==> flow/design.v <==
module my_diff_unit_fa (
  input logic a,
  input logic b,
  input logic ci,
  output logic s,
  output logic co
);
  wire p = a ^ b;
  assign s = p ^ ci;
  assign co = p ? ci : a;
endmodule
module my_diff_unit #(
  parameter W = 48
) (
  input logic clk,
  input logic [W-1:0] in_da,
  input logic [W-1:0] in_db,
  input logic in_do_sub,
  output logic [W-1:0] out_res,
  output logic out_carry_out
);
  logic [W-1:0] da_s;
  always_ff @(posedge clk) begin
    da_s <= in_da;
  end
  logic [W-1:0] db_s;
  always_ff @(posedge clk) begin
    db_s <= in_db;
  end
  logic do_sub_s;
  always_ff @(posedge clk) begin
    do_sub_s <= in_do_sub;
  end
  logic [W-1:0] tmp;
  logic [W:0] carry;
  assign carry[0] = do_sub_s;
  for (genvar i = 0; i < W; i++) begin : gen
    my_diff_unit_fa inst (.a(da_s[i]), .b(db_s[i] ^ do_sub_s), .ci(carry[i]), .s(tmp[i]), .co(carry[i+1]));
  end
  logic [W-1:0] res_s;
  always_ff @(posedge clk) begin
    res_s <= tmp;
  end
  assign out_res = res_s;
  logic carry_out_s;
  always_ff @(posedge clk) begin
    carry_out_s <= carry[W];
  end
  assign out_carry_out = carry_out_s;
endmodule
# == From RTL to reports: my_diff_unit ==
# The steps from the RTL of my_diff_unit to its reports follow in flow order.
# Line numbers count from 1 in the design file above.
# Library cell names are shortened.
# A cell with - has no value.
# setup
top_module,my_diff_unit
clock,clk
lib,sky130hd
lib_corner,tt_025C_1v80

# == Word-level counts ==
# Yosys after proc, flatten, opt, wreduce and memory -nomap, before mapping. Enables and synchronous resets that opt folds into registers are not counted as muxes. Memory bits, and registers merged into a memory's read port (data or address), are not among the register bits. Print and check cells are not counted. Equal cells are merged and count once.
# classes
mux,48
n_logic,144
# ops
op,n
XOR 1 bit,144
2-to-1 mux 1 bit,48
# bits
ff_bits,146
elab_cells,197

# == Depth ==
# Yosys ltp: most cells in a row. Word level: on the elaborated netlist, between registers, memories and ports. Mapped: between sequential cells and ports; inverters and the memories' decode and read muxes count.
# depth
ltp_word,50
ABC_AREA,0
ltp_mapped,21
mapped_depth_nobuf,17

# == Mapped cells and area ==
# Source: synth_stat.txt of the flow (Yosys; design flattened, memories mapped). It holds for the ABC_AREA given above (unset counts as 0); a run with the other value may have another netlist.
# Totals and module areas in this step are rounded.
# mapped
mapped_cells,819
area_mm2,0.007371
seqArea_mm2,0.002923
ff_cells,146
# types
cell,n
dfxtp_1,146
xnor2_1,83
xor2_1,51
o21ai_0,48
a21oi_1,40
nand2b_1,29
maj3_1,18
nand2_1,43
nor2_1,43
nor2b_1,23
a31oi_1,18
clkbuf_1,27
o211ai_1,13
o31ai_1,12
o22ai_1,14
inv_1,23
or2_2,13
nor3_1,16
# Not listed: further types 57, cells in them 159.
# By module: a second synthesis without flattening, with its own total; a netlist apart from the flattened one above.
# hier_totals
cells_unflattened,296
hier_area_mm2,0.005047
# Rows give one instance, submodules left out.
# modules
mod,n_inst,n_cells,mod_area_mm2,mod_seq_area_mm2
my_diff_unit,1,200,0.003426,0.002923
my_diff_unit_fa,48,2,0.0000338,0

# == Worst setup path after synthesis ==
# Path of least setup slack by OpenSTA after synthesis, without wires, with an ideal clock, recovery checks aside; 20% of the period is set as input and as output delay. Where synthesis merged equal registers, the netlist keeps one of their names.
# synth_timing
path_kind,register to register
from,register da_s[1]
to,register carry_out_s
period_ps,5500
launch_ps,0
t_arrival_ps,4278
t_required_ps,5378
setup_slack_ps,1100
path_delay_ps,4400
driving_pins,19
n_path_buf,1
synth_period_reached_ps,4400
# "path_delay_ps" is the arrival time less input delay plus setup time.
# "driving_pins": output pins that drive a net of the path, with the launching flip-flop's if there is one; two outputs of one cell count as two.
# "synth_period_reached_ps" is the clock period less the worst setup slack; recovery checks do not enter. This is arithmetic on one report: input and output delays are still those of the set period (20% each).
# The rows between start and end are the longest chain of elaborated cells between them; the timing report does not say that the signal goes this way. Where chains are equally long, one stands for them.
# A line is the first line of the expression or statement that the cell stems from. Yosys adds cells for indexed reads and writes and turns some case tables into memories.
# synth_via
cell_sequence,dfxtp_1 buf_6 or3b_4 or4_1 o211ai_1 a2111o_1 o211a_1 nor2_1 o211ai_2 o31ai_2 and2_4 o311a_4 o41a_1 o32a_4 a41oi_4 o211ai_1 o211ai_1 nand3_1 maj3_2
elab_chain_len,48
cone_cells,48
lines_between,2
cone_classes,mux (47); logic (1)
# synth_lines
item,line,text
start: declaration,22,logic [W-1:0] da_s;
start: assignment,24,da_s <= in_da;
XOR 1 bit,8,wire p = a ^ b;
2-to-1 mux 1 bit (47 in a row),10,assign co = p ? ci : a;
end: assignment,47,carry_out_s <= carry[W];
end: declaration,45,logic carry_out_s;

# == Timing after layout ==
# Path of least setup slack in the final report of stored run 2 (OpenROAD, finished layout, wires in). Where an end is a register, its clock arrival counts in the times.
# The path's times are printed in steps of 10 ps; the period is the one set.
# layout_timing
path_kind,register to register
from,register do_sub_s
to,register carry_out_s
period_ps,5500
launch_ps,420
t_arrival_ps,5370
t_required_ps,5810
setup_slack_ps,440
driving_pins,19
n_path_buf,1
# The rows between start and end are the longest chain of elaborated cells between them; the timing report does not say that the signal goes this way. Where chains are equally long, one stands for them.
# layout_via
cell_sequence,dfxtp_4 buf_4 xor2_1 a21oi_1 a21boi_0 o21ai_0 nor2_1 nand3b_1 o211ai_2 o31ai_2 and2_4 o311a_4 o41a_1 o32a_4 a41oi_4 o211ai_1 o211ai_1 nand3_1 maj3_2
elab_chain_len,50
cone_cells,144
lines_between,3
cone_classes,mux (48); logic (96)
# layout_lines
item,line,text
start: declaration,30,logic do_sub_s;
start: assignment,32,do_sub_s <= in_do_sub;
XOR 1 bit,38,"my_diff_unit_fa inst (.a(da_s[i]), .b(db_s[i] ^ do_sub_s), .ci(carry[i]), .s(tmp[i]), .co(carry[i+1]));"
XOR 1 bit,8,wire p = a ^ b;
2-to-1 mux 1 bit (48 in a row),10,assign co = p ? ci : a;
end: assignment,47,carry_out_s <= carry[W];
end: declaration,45,logic carry_out_s;

# Design my_diff_unit on sky130hd. What follows are 3 stored runs of the flow, each under its own settings; their order means nothing. The constraints put input and output delay at 20% of the set period each and load the outputs with 0.01 pF.
# "clock_period_reached_ps" means the clock period less the worst setup slack. The figure is calculated, with input and output delays left at 20% of the set period.
# "timing.worst_path_ps" = time allowed to the worst setup path (clock period - input delay - output delay, where it has them) - its slack; a late launch clock adds to it, a late capture clock takes from it.
# "final_power_uw" rests on the timing tool's default activity at the inputs, not on a simulated workload.
# "timing.worst_path_ps" is given in steps of 10 ps.
# Results are given in rounded form.
# Among the settings, . means not set for that run.
# Results: . = not shown.
run,period_ns,CORE_UTILIZATION,PLACE_DENSITY_LB_ADDON,CELL_PAD_IN_SITES_GLOBAL_PLACEMENT,CAP_MARGIN,CORE_MARGIN,SLEW_MARGIN,CORE_ASPECT_RATIO,TNS_END_PERCENT,GPL_TIMING_DRIVEN,CTS_CLUSTER_DIAMETER,post_synth_area_mm2,die_area_mm2,final_stdcell_area_mm2,fin_util_pct,final_setup_ws_ps,final_setup_tns_ps,hold_worst_slack_ps,final_power_uw,clock_period_reached_ps,timing.worst_path_ps,critical_path_type
stored run 1,2.97,64,0.25,3,30,2,20,.,.,.,.,.,.,.,.,.,.,.,.,.,.,.
stored run 2,5.5,40,.,.,20,2,20,.,.,.,.,0.007371,0.01953,0.00953,52.9,441,0,558,3252,5059,5060,register to register
stored run 3,7.08,33,0.03,.,5,2,20,1.74,80,0,154,0.007371,0.02359,0.009766,44.2,1638,0,562,2528,5442,5440,register to register
# Stored run 1: not finished: placement ended with error FLW-0024
